==> flow/design.v <==
module reg_bank_rtl #(
    parameter int NUM_REGS = 4,
    parameter int W = 6,
    parameter int AW = $clog2(NUM_REGS)
) (
    input logic clk_i,
    input logic i_rst,
    input logic wr_in,
    input logic [AW-1:0] wsel_in,
    input logic [W-1:0] wd_in,
    input logic [AW-1:0] read_addr1_in,
    input logic [AW-1:0] read_addr2_in,
    output logic [W-1:0] rd1_out,
    output logic [W-1:0] rd2_out
);
    logic [W-1:0] array [NUM_REGS-1:0];
    always_ff @(posedge clk_i) begin
        if (wr_in)
            array[wsel_in] <= wd_in;
    end
    logic [W-1:0] rd1_s;
    assign rd1_out = rd1_s;
    logic [W-1:0] rd2_s;
    assign rd2_out = rd2_s;
    always_ff @(posedge clk_i) begin
        if (i_rst) begin
            rd1_s <= '0;
            rd2_s <= '0;
        end else begin
            rd1_s <= (wr_in && wsel_in == read_addr1_in) ? wd_in : array[read_addr1_in];
            rd2_s <= (wr_in && wsel_in == read_addr2_in) ? wd_in : array[read_addr2_in];
        end
    end
endmodule
# == Tool chain data of reg_bank_rtl ==
# What the tools print for reg_bank_rtl, step after step.
# Lines are those of the file above, counted from 1.
# Cell names lack the library's common part.
# Not given: --
# inputs
top,reg_bank_rtl
clock_port,clk_i
library,sky130hd
lib_corner,tt_025C_1v80

# == Word-level counts ==
# Source: Yosys, flattened and elaborated, memories not mapped. Widths are those after wreduce; folded enables and synchronous resets count as part of the registers. Registers that Yosys merges into a memory's read port (data or address) are not register bits. Print and check cells do not count. Equal cells are merged and count once.
# Yosys's memory passes give these memory sizes; they may raise the number of words (mostly to a power of two), join words into wider ones and drop unused or constant bits.
# bits
out_inout_bits,12
in_bits,15
clocked_rd_ports_x_width,12
elab_cells,4
mem_bits_rw,24
reg_bits,0
mem_count,1
# memory_table
name,words,word_bits,rd,wr,line,source
array,4,6,2,1,16,logic [W-1:0] array [NUM_REGS-1:0];
# classes
muxes,3
# op_table
operator,n
two-way mux 6 bit,1
two-way mux 2 bit,1
two-way mux 1 bit,1

# == Longest topological paths ==
# Depth = most cells in a row (Yosys ltp): at word level without a register or memory, in the mapped netlist without a sequential cell, where the memories' decode and read muxes count.
# depth
ltp_word,1
abc_area,0
ltp_mapped,4
mapped_depth_nobuf,3

# == Netlist ==
# The flow's flattened synthesis, as Yosys stat reports it; memories are mapped. The netlist is that of the ABC_AREA named above (0 if unset); the other value can give another one.
# The area totals of this step are shown rounded.
# mapped
cells,107
synth_area_um2,1655
seq_area_um2,960.9
flip_flops,36
n_buf,9
# types
type,n,type_area_um2
edfxtp_1,24,720.691
mux4_2,12,270.259
dfxtp_1,12,240.23
o31ai_1,12,90.086
nand4_1,12,75.072
a21oi_1,12,60.058
xor2_2,3,48.797
buf_6,4,45.043
xnor2_1,3,26.275
xnor2_2,1,16.266
clkbuf_1,3,11.261
xor2_1,1,8.758
buf_4,1,7.507
nor3b_1,1,7.507
and3_1,1,6.256
buf_2,1,5.005
nor3_1,1,5.005
inv_1,1,3.754
# Not listed: further types 2, cells in them 2.

# == Timing after synthesis ==
# Path of least setup slack by OpenSTA after synthesis, without wires, with an ideal clock, recovery checks aside; 20% of the period is set as input and as output delay. Where synthesis merged equal registers, the netlist keeps one of their names.
# synth_timing
kind,input -> register
start,input port wr_in
end,memory array[2][0]
clock_period_ns,1.86
launch_ns,0.372
t_arrival_ns,1.186
input_delay_ns,0.372
setup_time_ns,0.378
path_buffers,1
driving_pins,3
setup_slack_ns,0.296
path_delay_ns,1.192
required_time_ns,1.482
synth_period_reached_ns,1.564
# "path_delay_ns" is the arrival time less input delay plus setup time.
# "driving_pins" counts driving pins, that of a launching flip-flop among them; a cell with two outputs on the path counts twice.
# "synth_period_reached_ns" = period - worst setup slack (recovery checks aside). The figure is calculated, with input and output delays left at 20% of the set period.
# Between the ends stands the longest chain of elaborated cells between them, by number of cells; it is not shown to be the way that was timed. Of several equally long chains one is given.
# Each line given opens the expression or statement behind the cell; cells for indexed reads and writes are added by Yosys, which also makes memories of some case tables.
# Only ways into the end's enable, where the timed path ends, are counted here.
# synth_between
cell_sequence,inv_1 -> clkbuf_1 -> nor3b_1
elab_chain_len,1
cells_between,2
cone_lines,1
cone_classes,mux (2)
# synth_lines
element,line,source
"start, declared",8,"input logic wr_in,"
two-way mux 2 bit,18,if (wr_in)
"end, declared",16,logic [W-1:0] array [NUM_REGS-1:0];

# == Timing after layout ==
# Path of least setup slack in the final report of run 1 (OpenROAD, finished layout, wires in). Where an end is a register, its clock arrival counts in the times.
# layout_timing
kind,input -> register
start,input port read_addr2_in[0]
end,register rd2_s[0]
required_time_ns,2.16
input_delay_ns,0.40
t_arrival_ns,1.80
setup_slack_ns,0.35
setup_time_ns,0.13
driving_pins,5
clock_period_ns,2.0
launch_ns,0.40
path_buffers,2
# layout_between
cell_sequence,clkdlybuf4s50_1 -> buf_4 -> mux4_2 -> o31ai_1 -> a21oi_1
# layout_lines
element,line,source
"start, declared",12,"input logic [AW-1:0] read_addr2_in,"
"end, declared",23,logic [W-1:0] rd2_s;
# Chain of elaborated cells between the ends: none given.

Wiki page: reg_bank_rtl / flow data

Stored flow runs of reg_bank_rtl (3 of them; Yosys, OpenROAD, sky130hd). They differ in their settings and are not a sequence. Constraints: input delay and output delay 20% of the set period each, output load 0.01 pF.
"timing.achieved_period_ns": clock period set for the run, less the worst setup slack. It is reckoned from that one timing run; input and output delays stay at 20% of the period that was set.
"worst_path_ns": the worst setup path's part of the clock period (all of it between registers, 20% less for each end at a port) less its slack. A launch clock that arrives late makes it longer, a capture clock that arrives late makes it shorter.
"power.total_uw" is the tool's figure for a default switching activity; nothing was simulated.
The measured numbers are rounded.

Run 1, flow files:
==> flow/run.sh <==
#!/bin/bash
# the make line also repeats the synthesis and layout settings of config.mk as NAME=value (left out here)
make -C /OpenROAD-flow-scripts/flow DESIGN_CONFIG=/design/flow/config.mk WORK_HOME=/design/flow/orfs CLKGATE_MAP_FILE= finish
==> flow/config.mk <==
export PLATFORM = sky130hd
export DESIGN_NAME = reg_bank_rtl
export DESIGN_NICKNAME = reg_bank_rtl
export VERILOG_FILES = /design/flow/design.v
export SDC_FILE = /design/flow/constraint.sdc
export NUM_CORES = 4
export LEC_CHECK = 0
export CAP_MARGIN = 0
export CELL_PAD_IN_SITES_DETAIL_PLACEMENT = 0
export CELL_PAD_IN_SITES_GLOBAL_PLACEMENT = 2
export CORE_MARGIN = 9
export CORE_UTILIZATION = 44
export CTS_CLUSTER_DIAMETER = 68
export MAX_ROUTING_LAYER = met5
export MIN_ROUTING_LAYER = met2
export PLACE_DENSITY_LB_ADDON = 0.28
export SETUP_SLACK_MARGIN = 0.04
export SLEW_MARGIN = 20
==> flow/constraint.sdc <==
create_clock -name core_clock -period 2.0 [get_ports {clk_i}]
set_input_delay 0.4000 -clock core_clock [delete_from_list [all_inputs] [get_ports {clk_i}]]
set_output_delay 0.4000 -clock core_clock [all_outputs]
set_load 0.01 [all_outputs]

==> results of run 1, as CSV <==
result,value
layout_utilization_frac,0.624
setup_worst_slack_ns,0.354
die_um2,6294
cell_area_final_um2,2163
ys_area_um2,1655
timing.achieved_period_ns,1.646
worst_path_ns,1.25
path_kind,"input -> register"
fin_hold_ws_ns,0.773
power.total_uw,1793

Run 2, flow files:
==> flow/run.sh <==
#!/bin/bash
# the make line also repeats the synthesis and layout settings of config.mk as NAME=value (left out here)
make -C /OpenROAD-flow-scripts/flow DESIGN_CONFIG=/design/flow/config.mk WORK_HOME=/design/flow/orfs CLKGATE_MAP_FILE= finish
==> flow/config.mk <==
export PLATFORM = sky130hd
export DESIGN_NAME = reg_bank_rtl
export DESIGN_NICKNAME = reg_bank_rtl
export VERILOG_FILES = /design/flow/design.v
export SDC_FILE = /design/flow/constraint.sdc
export NUM_CORES = 4
export LEC_CHECK = 0
export CAP_MARGIN = 20
export CORE_MARGIN = 2
export CORE_UTILIZATION = 40
export SLEW_MARGIN = 20
==> flow/constraint.sdc <==
create_clock -name core_clock -period 1.86 [get_ports {clk_i}]
set_input_delay 0.3720 -clock core_clock [delete_from_list [all_inputs] [get_ports {clk_i}]]
set_output_delay 0.3720 -clock core_clock [all_outputs]
set_load 0.01 [all_outputs]

==> results of run 2, as CSV <==
result,value
timing.achieved_period_ns,1.567
fin_hold_ws_ns,0.807
power.total_uw,1866
worst_path_ns,1.19
path_kind,"input -> register"
cell_area_final_um2,2133
die_um2,4669
setup_worst_slack_ns,0.293
ys_area_um2,1655
layout_utilization_frac,0.533

Run 3, flow files:
==> flow/run.sh <==
#!/bin/bash
# the make line also repeats the synthesis and layout settings of config.mk as NAME=value (left out here)
make -C /OpenROAD-flow-scripts/flow DESIGN_CONFIG=/design/flow/config.mk WORK_HOME=/design/flow/orfs CLKGATE_MAP_FILE= finish
==> flow/config.mk <==
export PLATFORM = sky130hd
export DESIGN_NAME = reg_bank_rtl
export DESIGN_NICKNAME = reg_bank_rtl
export VERILOG_FILES = /design/flow/design.v
export SDC_FILE = /design/flow/constraint.sdc
export NUM_CORES = 4
export LEC_CHECK = 0
export CAP_MARGIN = 20
export CELL_PAD_IN_SITES_GLOBAL_PLACEMENT = 1
export CORE_ASPECT_RATIO = 0.63
export CORE_MARGIN = 2
export CORE_UTILIZATION = 49
export CTS_CLUSTER_DIAMETER = 236
export CTS_CLUSTER_SIZE = 79
export GPL_ROUTABILITY_DRIVEN = 1
export MIN_ROUTING_LAYER = met1
export PLACE_DENSITY_LB_ADDON = 0.24
export SETUP_SLACK_MARGIN = 0.3
export SLEW_MARGIN = 5
==> flow/constraint.sdc <==
create_clock -name core_clock -period 1.15 [get_ports {clk_i}]
set_input_delay 0.2300 -clock core_clock [delete_from_list [all_inputs] [get_ports {clk_i}]]
set_output_delay 0.2300 -clock core_clock [all_outputs]
set_load 0.01 [all_outputs]

==> results of run 3, as CSV <==
result,value
die_um2,3872
worst_path_ns,1.23
path_kind,"register -> register"
timing.achieved_period_ns,1.230
cell_area_final_um2,2477
ys_area_um2,1655
setup_worst_slack_ns,-0.080
fin_hold_ws_ns,0.291
layout_utilization_frac,0.783
power.total_uw,3059
